==> flow/design.v <==
module alu_arith_stage #(
  parameter BITS = 5
) (
  input  wire i_clk,
  input  wire RSTN,
  input  wire [BITS-1:0] u,
  input  wire [BITS-1:0] v,
  input  wire minus,
  output reg [BITS:0] diff
);
  always @(posedge i_clk) begin
    if (!RSTN) begin
      diff <= 0;
    end else begin
      diff <= minus ? u - v : u + v;
    end
  end
endmodule
Tool chain data of alu_arith_stage
What the tools print for alu_arith_stage, step after step.
Lines are those of the file above, counted from 1.
Cell names lack the library's common part.
{ "setup": {"top_module": "alu_arith_stage", "clk_port": "i_clk", "lib": "sky130hd", "pvt_corner": "tt_025C_1v80"} }

Word-level counts
Source: Yosys, flattened and elaborated, memories not mapped. Widths are those after wreduce; folded enables and synchronous resets count as part of the registers. Registers that Yosys merges into a memory's read port (data or address) are not register bits. Print and check cells do not count. Equal cells are merged and count once.
{ "word_totals": {"register_bits": 6, "out_inout_bits": 6} }
{ "classes": {"add_sub_neg": 2, "n_mux": 1} }
{ "ops": {"columns": ["op", "count"], "rows": [
  ["adder 5 x 5 -> 6 bit", 1],
  ["subtractor 5 x 5 -> 6 bit", 1],
  ["2-to-1 mux 6 bit", 1]
]} }

Depth
Longest topological path by Yosys (ltp), each cell counted once; first at word level (registers and memories cut), then after technology mapping (sequential cells cut; the memories' decode and read muxes count).
{ "depth": {"depth_word": 2, "ABC_AREA": 0, "mapped_depth": 9, "mapped_depth_nobuf": 9} }

Mapped cells and area
Source: synth_stat.txt of the flow (Yosys; design flattened, memories mapped). It holds for the ABC_AREA given above (unset counts as 0); a run with the other value may have another netlist.
The area totals of this step are shown rounded.
{ "by_type": {"columns": ["type", "count", "type_area_um2"], "rows": [
  ["dfxtp_1", 6, 120.115],
  ["ha_1", 6, 75.072],
  ["xnor2_1", 4, 35.034],
  ["nor2_1", 8, 30.029],
  ["fa_1", 1, 20.019],
  ["mux2i_1", 2, 20.019],
  ["inv_1", 5, 18.768],
  ["a21oi_1", 3, 15.014],
  ["o22ai_2", 1, 12.512],
  ["a21o_2", 1, 8.758],
  ["o31a_1", 1, 8.758],
  ["xor2_1", 1, 8.758],
  ["a211oi_1", 1, 7.507],
  ["o21a_1", 1, 7.507],
  ["and2_1", 1, 6.256],
  ["nand2b_1", 1, 6.256],
  ["nor2b_1", 1, 6.256],
  ["or2_2", 1, 6.256]
]} }
Not listed: further types 3, cells in them 3.
{ "mapped": {"stdcells": 48, "synth_area_um2": 426.7, "seq_area_um2": 120.1, "ff_cells": 6, "n_buf": 0} }

Path before layout
OpenSTA on the mapped netlist: ideal clock, no wires. The path of least setup slack (recovery checks aside). Input and output delay are each 20% of the period. Register names are those of the netlist, which keeps one name where synthesis merged equal registers.
{ "synth_path": {"path_type": "input-to-reg", "startpoint": "input port v[0]", "endpoint": "register diff[5]", "period_ns": 2.37, "t_first_pin_ns": 0.474, "t_arrival_ns": 1.916, "required_time_ns": 2.298, "slack_ns": 0.383, "path_delay_ns": 1.514, "stages": 8, "path_buffers": 0, "period_less_setup_slack_ns": 1.987} }
"path_delay_ns" = arrival - input delay + setup time.
"stages" counts driving pins, that of a launching flip-flop among them; a cell with two outputs on the path counts twice.
"period_less_setup_slack_ns" is the clock period less the worst setup slack; recovery checks do not enter. This is arithmetic on one report: input and output delays are still those of the set period (20% each).
Between the ends stands the longest chain of elaborated cells between them, by number of cells; it is not shown to be the way that was timed. Of several equally long chains one is given.
A line is the first line of the expression or statement that the cell stems from. Yosys adds cells for indexed reads and writes and turns some case tables into memories.
{ "synth_between": {"path_cell_list": "inv_1 ha_1 mux2i_1 ha_1 nor2b_1 o31a_1 o22ai_2 mux2i_1", "elab_chain_len": 2, "cells_between": 3, "cone_classes": "add/sub (2); mux (1)"} }
{ "synth_lines": {"columns": ["element", "line", "text"], "rows": [
  ["start, declared", 7, "input  wire [BITS-1:0] v,"],
  ["adder 5 x 5 -> 6 bit", 15, "diff <= minus ? u - v : u + v;"],
  ["2-to-1 mux 6 bit", 15, null],
  ["end, assigned", 13, "diff <= 0;"],
  ["end, assigned", 15, null],
  ["end, declared", 9, "output reg [BITS:0] diff"]
]} }

Worst path after layout
Path of least setup slack in the final report of stored run 2 (OpenROAD, finished layout, wires in). Where an end is a register, its clock arrival counts in the times.
{ "layout_path": {"path_type": "input-to-reg", "startpoint": "input port v[0]", "endpoint": "register diff[5]", "period_ns": 2.37, "t_first_pin_ns": 0.47, "t_arrival_ns": 2.40, "required_time_ns": 2.50, "slack_ns": 0.10, "stages": 9, "path_buffers": 1} }
Between the ends stands the longest chain of elaborated cells between them, by number of cells; it is not shown to be the way that was timed. Of several equally long chains one is given.
{ "layout_between": {"path_cell_list": "clkdlybuf4s50_1 inv_1 ha_4 mux2i_4 ha_1 nor2b_1 o31a_1 o22ai_2 mux2i_1", "elab_chain_len": 2, "cells_between": 3, "cone_classes": "add/sub (2); mux (1)"} }
{ "layout_lines": {"columns": ["element", "line", "text"], "rows": [
  ["start, declared", 7, "input  wire [BITS-1:0] v,"],
  ["adder 5 x 5 -> 6 bit", 15, "diff <= minus ? u - v : u + v;"],
  ["2-to-1 mux 6 bit", 15, null],
  ["end, assigned", 13, "diff <= 0;"],
  ["end, assigned", 15, null],
  ["end, declared", 9, "output reg [BITS:0] diff"]
]} }

Below are 3 stored runs of the flow (Yosys, OpenROAD; platform sky130hd) on alu_arith_stage, each with its settings and what was measured, unordered. Constraints: input delay and output delay 20% of the set period each, output load 0.01 pF.
"clock_period_reached_ns": clock period set for the run, less the worst setup slack. It is reckoned from that one timing run; input and output delays stay at 20% of the period that was set.
"worstPathTime_ns" = time allowed to the worst setup path (clock period - input delay - output delay, where it has them) - its slack; a late launch clock adds to it, a late capture clock takes from it.
By "power_uw" is meant OpenSTA's value without simulated activity: inputs other than the clock are taken to toggle once in ten clock periods, and the tool carries that through the logic.
Measured values are rounded.

Stored run 1
==> flow/run.sh <==
#!/bin/bash
# the make line also repeats the synthesis and layout settings of config.mk as NAME=value (left out here)
make -C /OpenROAD-flow-scripts/flow DESIGN_CONFIG=/design/flow/config.mk WORK_HOME=/design/flow/orfs CLKGATE_MAP_FILE= finish
==> flow/config.mk <==
export PLATFORM = sky130hd
export DESIGN_NAME = alu_arith_stage
export DESIGN_NICKNAME = alu_arith_stage
export VERILOG_FILES = /design/flow/design.v
export SDC_FILE = /design/flow/constraint.sdc
export NUM_CORES = 4
export LEC_CHECK = 0
export CAP_MARGIN = 20
export CORE_ASPECT_RATIO = 1.63
export CORE_MARGIN = 2
export CORE_UTILIZATION = 65
export CTS_CLUSTER_DIAMETER = 161
export GPL_TIMING_DRIVEN = 0
export MAX_ROUTING_LAYER = met4
export PLACE_DENSITY_LB_ADDON = 0.01
export SLEW_MARGIN = 20
==> flow/constraint.sdc <==
create_clock -name core_clock -period 1.85 [get_ports {i_clk}]
set_input_delay 0.3700 -clock core_clock [delete_from_list [all_inputs] [get_ports {i_clk}]]
set_output_delay 0.3700 -clock core_clock [all_outputs]
set_load 0.01 [all_outputs]

==> results of stored run 1, as JSON <==
{
  "outcome": "stopped before the end: floorplanning reported PDN-0185"
}

Stored run 2
==> flow/run.sh <==
#!/bin/bash
# the make line also repeats the synthesis and layout settings of config.mk as NAME=value (left out here)
make -C /OpenROAD-flow-scripts/flow DESIGN_CONFIG=/design/flow/config.mk WORK_HOME=/design/flow/orfs CLKGATE_MAP_FILE= finish
==> flow/config.mk <==
export PLATFORM = sky130hd
export DESIGN_NAME = alu_arith_stage
export DESIGN_NICKNAME = alu_arith_stage
export VERILOG_FILES = /design/flow/design.v
export SDC_FILE = /design/flow/constraint.sdc
export NUM_CORES = 4
export LEC_CHECK = 0
export CAP_MARGIN = 20
export CORE_MARGIN = 2
export CORE_UTILIZATION = 40
export SLEW_MARGIN = 20
==> flow/constraint.sdc <==
create_clock -name core_clock -period 2.37 [get_ports {i_clk}]
set_input_delay 0.4740 -clock core_clock [delete_from_list [all_inputs] [get_ports {i_clk}]]
set_output_delay 0.4740 -clock core_clock [all_outputs]
set_load 0.01 [all_outputs]

==> results of stored run 2, as JSON <==
{
  "yosys.chip_area_um2": 426.7,
  "die_um2": 1344,
  "final_cell_area_um2": 734.5,
  "utilization_frac": 0.762,
  "worstSetupSlack_ns": 0.100,
  "setupTns_ns": 0.000,
  "power_uw": 353,
  "clock_period_reached_ns": 2.270,
  "worstPathTime_ns": 1.80,
  "worstPathKind": "input-to-reg"
}

Stored run 3
==> flow/run.sh <==
#!/bin/bash
# the make line also repeats the synthesis and layout settings of config.mk as NAME=value (left out here)
make -C /OpenROAD-flow-scripts/flow DESIGN_CONFIG=/design/flow/config.mk WORK_HOME=/design/flow/orfs CLKGATE_MAP_FILE= finish
==> flow/config.mk <==
export PLATFORM = sky130hd
export DESIGN_NAME = alu_arith_stage
export DESIGN_NICKNAME = alu_arith_stage
export VERILOG_FILES = /design/flow/design.v
export SDC_FILE = /design/flow/constraint.sdc
export NUM_CORES = 4
export LEC_CHECK = 0
export ABC_AREA = 1
export CAP_MARGIN = 20
export CELL_PAD_IN_SITES_GLOBAL_PLACEMENT = 3
export CORE_MARGIN = 2
export CORE_UTILIZATION = 44
export CTS_CLUSTER_DIAMETER = 226
export CTS_CLUSTER_SIZE = 43
export HOLD_SLACK_MARGIN = -0.07
export PLACE_DENSITY_LB_ADDON = 0.15
export SLEW_MARGIN = 20
==> flow/constraint.sdc <==
create_clock -name core_clock -period 1.27 [get_ports {i_clk}]
set_input_delay 0.2540 -clock core_clock [delete_from_list [all_inputs] [get_ports {i_clk}]]
set_output_delay 0.2540 -clock core_clock [all_outputs]
set_load 0.01 [all_outputs]

==> results of stored run 3, as JSON <==
{
  "outcome": "stopped before the end: placement reported FLW-0024"
}
